==> flow/design.v <==
module my_times_v2 #(
  parameter WD = 14,
  parameter COEF = 25,
  parameter RES_W = WD + $clog2(COEF + 1)
) (
  input  logic clk,
  input  logic clk_en,
  input  logic [WD-1:0] in_x,
  output logic [RES_W-1:0] out_out
);
  always_ff @(posedge clk) begin
    if (clk_en) begin
      out_out <= in_x * COEF;
    end
  end
endmodule
### Reports on my_times_v2

The steps from the RTL of my_times_v2 to its reports follow in flow order.
Line numbers count from 1 in the design file above.
Library cell names are shortened.
The mark -- stands for no value.

| design | value |
|---|---|
| top module | my_times_v2 |
| clock input | clk |
| library | sky130hd |
| timing corner | tt_025C_1v80 |

### Word level

Yosys after proc, flatten, opt, wreduce and memory -nomap, before mapping. Enables and synchronous resets that opt folds into registers are not counted as muxes. Memory bits, and registers merged into a memory's read port (data or address), are not among the register bits. Print and check cells are not counted. Equal cells are merged and count once.

| cells by class | value |
|---|---|
| $mul | 1 |

Operator list:

| cell | number |
|---|---|
| 14-bit by 5-bit multiplier with 19-bit output with constant B | 1 |

| storage and ports | value |
|---|---|
| register bits after elaboration | 19 |
| output and inout bits | 19 |
| elaborated cells | 2 |

### Longest topological paths

Longest topological path by Yosys (ltp), each cell counted once; first at word level (registers and memories cut), then after technology mapping (sequential cells cut; the memories' decode and read muxes count).

| depth | value |
|---|---|
| depth in word-level cells | 1 |
| ABC_AREA | 0 |
| mapped depth | 12 |
| gate-level depth less buffers | 11 |

### Mapped cells and area

Source: synth_stat.txt of the flow (Yosys; design flattened, memories mapped). It holds for the ABC_AREA given above (unset counts as 0); a run with the other value may have another netlist.
The area totals of this step are shown rounded.

| synthesis totals | value |
|---|---|
| standard cells after synthesis | 184 |
| mapped area | 0.00196 mm2 |
| flip-flop cells | 19 |
| buffer cells | 1 |

Cell types:

| type | number | area in all (um2) |
|---|---|---|
| ha_1 | 46 | 575.552 |
| edfxtp_1 | 19 | 570.547 |
| fa_1 | 9 | 180.173 |
| inv_1 | 32 | 120.115 |
| xnor2_1 | 8 | 70.067 |
| nor2_1 | 14 | 52.55 |
| a21oi_1 | 9 | 45.043 |
| mux2i_1 | 3 | 30.029 |
| nor2b_1 | 4 | 25.024 |
| nand2_1 | 6 | 22.522 |
| o21ai_0 | 4 | 20.019 |
| or4b_1 | 2 | 20.019 |
| nand4b_1 | 2 | 17.517 |
| o41ai_2 | 1 | 16.266 |
| a21o_1 | 2 | 15.014 |
| nand3_1 | 3 | 15.014 |
| o21bai_1 | 2 | 15.014 |
| a31oi_2 | 1 | 12.512 |

Other cell types: 17; their cells: 17.

### Timing after synthesis

Source: OpenSTA report_checks on the synthesized netlist (no wires, ideal clock, input and output delay 20% of the period each), path of least setup slack; recovery checks are left aside. Register names are those of the netlist, which keeps one name where synthesis merged equal registers.

| timing post-synthesis | value |
|---|---|
| path type | input port to flip-flop |
| from | input port in_x[4] |
| to | register out_out[11] |
| clock period | 4.03 ns |
| library setup time | 0.135 ns |
| arrival time | 3.249 ns |
| path slack | 0.647 ns |
| delay of the path | 2.578 ns |
| stages on the path | 9 |
| buffers on the path | 0 |
| period reached after synthesis | 3.383 ns |

"delay of the path" is the arrival time less input delay plus setup time.
"stages on the path" counts driving pins, that of a launching flip-flop among them; a cell with two outputs on the path counts twice.
"period reached after synthesis" is the clock period less the worst setup slack; recovery checks do not enter. This is arithmetic on one report: input and output delays are still those of the set period (20% each).
The rows between start and end are the longest chain of elaborated cells between them; the timing report does not say that the signal goes this way. Where chains are equally long, one stands for them.
Each line given opens the expression or statement behind the cell; cells for indexed reads and writes are added by Yosys, which also makes memories of some case tables.

| between the ends, post-synthesis | value |
|---|---|
| path through | ha_1 > ha_1 > fa_1 > ha_1 > a21o_1 > a31oi_2 > a21boi_2 > or4b_1 > nand3_1 |
| length of the longest elaborated chain | 1 |

RTL lines, path post-synthesis:

| what | RTL line | text |
|---|---|---|
| start, declared | 8 | `input  logic [WD-1:0] in_x,` |
| 14-bit by 5-bit multiplier with 19-bit output | 13 | `out_out <= in_x * COEF;` |
| end, assigned | 13 |  |
| end, declared | 9 | `output logic [RES_W-1:0] out_out` |

### Timing after layout

From the final timing report of run 1: the path of least setup slack in the routed layout; clock arrival at registers is part of the times.

| timing post-layout | value |
|---|---|
| path type | input port to flip-flop |
| from | input port in_x[6] |
| to | register out_out[17] |
| clock period | 4.03 ns |
| library setup time | 0.25 ns |
| arrival time | 3.75 ns |
| path slack | 0.28 ns |
| stages on the path | 12 |
| buffers on the path | 1 |

The rows between start and end are the longest chain of elaborated cells between them; the timing report does not say that the signal goes this way. Where chains are equally long, one stands for them.

| between the ends, post-layout | value |
|---|---|
| path through | clkdlybuf4s50_1 > ha_1 > ha_1 > inv_1 > fa_1 > inv_1 > ha_1 > a21oi_1 > o21ai_0 > a221o_1 > a31oi_1 > xnor2_1 |
| length of the longest elaborated chain | 1 |

RTL lines, path post-layout:

| what | RTL line | text |
|---|---|---|
| start, declared | 8 | `input  logic [WD-1:0] in_x,` |
| 14-bit by 5-bit multiplier with 19-bit output | 13 | `out_out <= in_x * COEF;` |
| end, assigned | 13 |  |
| end, declared | 9 | `output logic [RES_W-1:0] out_out` |

==> results <==
Measured results for my_times_v2: 3 stored runs of the Yosys and OpenROAD flow on sky130hd. The settings differ; the order carries no meaning. The constraints put input and output delay at 20% of the set period each and load the outputs with 0.01 pF.
By "clock period reached" is meant the clock period of the run minus its worst setup slack. This is arithmetic on one report: input and output delays are still those of the set period (20% each).
"worst path time" = time allowed to the worst setup path (clock period - input delay - output delay, where it has them) - its slack; a late launch clock adds to it, a late capture clock takes from it.
"total power of the final layout" is the tool's figure for a default switching activity; nothing was simulated.
The measured numbers are rounded.
Among the settings, -- means not set for that run.

| setting or result | run 1 | run 2 | run 3 |
|---|---|---|---|
| period_ns | 4.03 | 5.87 | 5.46 |
| CAP_MARGIN | 20 | 20 | 5 |
| CORE_MARGIN | 2 | 5 | 8 |
| CORE_UTILIZATION | 40 | 40 | 28 |
| SLEW_MARGIN | 20 | 25 | 20 |
| PLACE_DENSITY | -- | 0.45 | -- |
| CTS_CLUSTER_SIZE | -- | 60 | 60 |
| MAX_ROUTING_LAYER | -- | met5 | met5 |
| PLACE_DENSITY_LB_ADDON | -- | -- | 0.22 |
| CORE_ASPECT_RATIO | -- | -- | 0.75 |
| GPL_TIMING_DRIVEN | -- | -- | 0 |
| post-route utilization (%) | 53.3 | 51.3 | 36.0 |
| clock period reached (ns) | 3.748 | 4.280 | 4.163 |
| final setup TNS (ns) | 0.000 | 0.000 | 0.000 |
| total power of the final layout (W) | 0.00104 | 0.000682 | 0.000736 |
| worst path time (ns) | 2.94 | 3.11 | 3.07 |
| worst setup path kind | input port to flip-flop | input port to flip-flop | input port to flip-flop |
| chip area in the Yosys report (mm2) | 0.00196 | 0.00196 | 0.00196 |
| die footprint (mm2) | 0.00546 | 0.00639 | 0.00994 |
| worst hold slack (ns) | 1.17 | 1.57 | 1.47 |
| setup slack of the worst path (ns) | 0.282 | 1.59 | 1.30 |
| standard-cell area of the final layout (mm2) | 0.00252 | 0.00242 | 0.00245 |
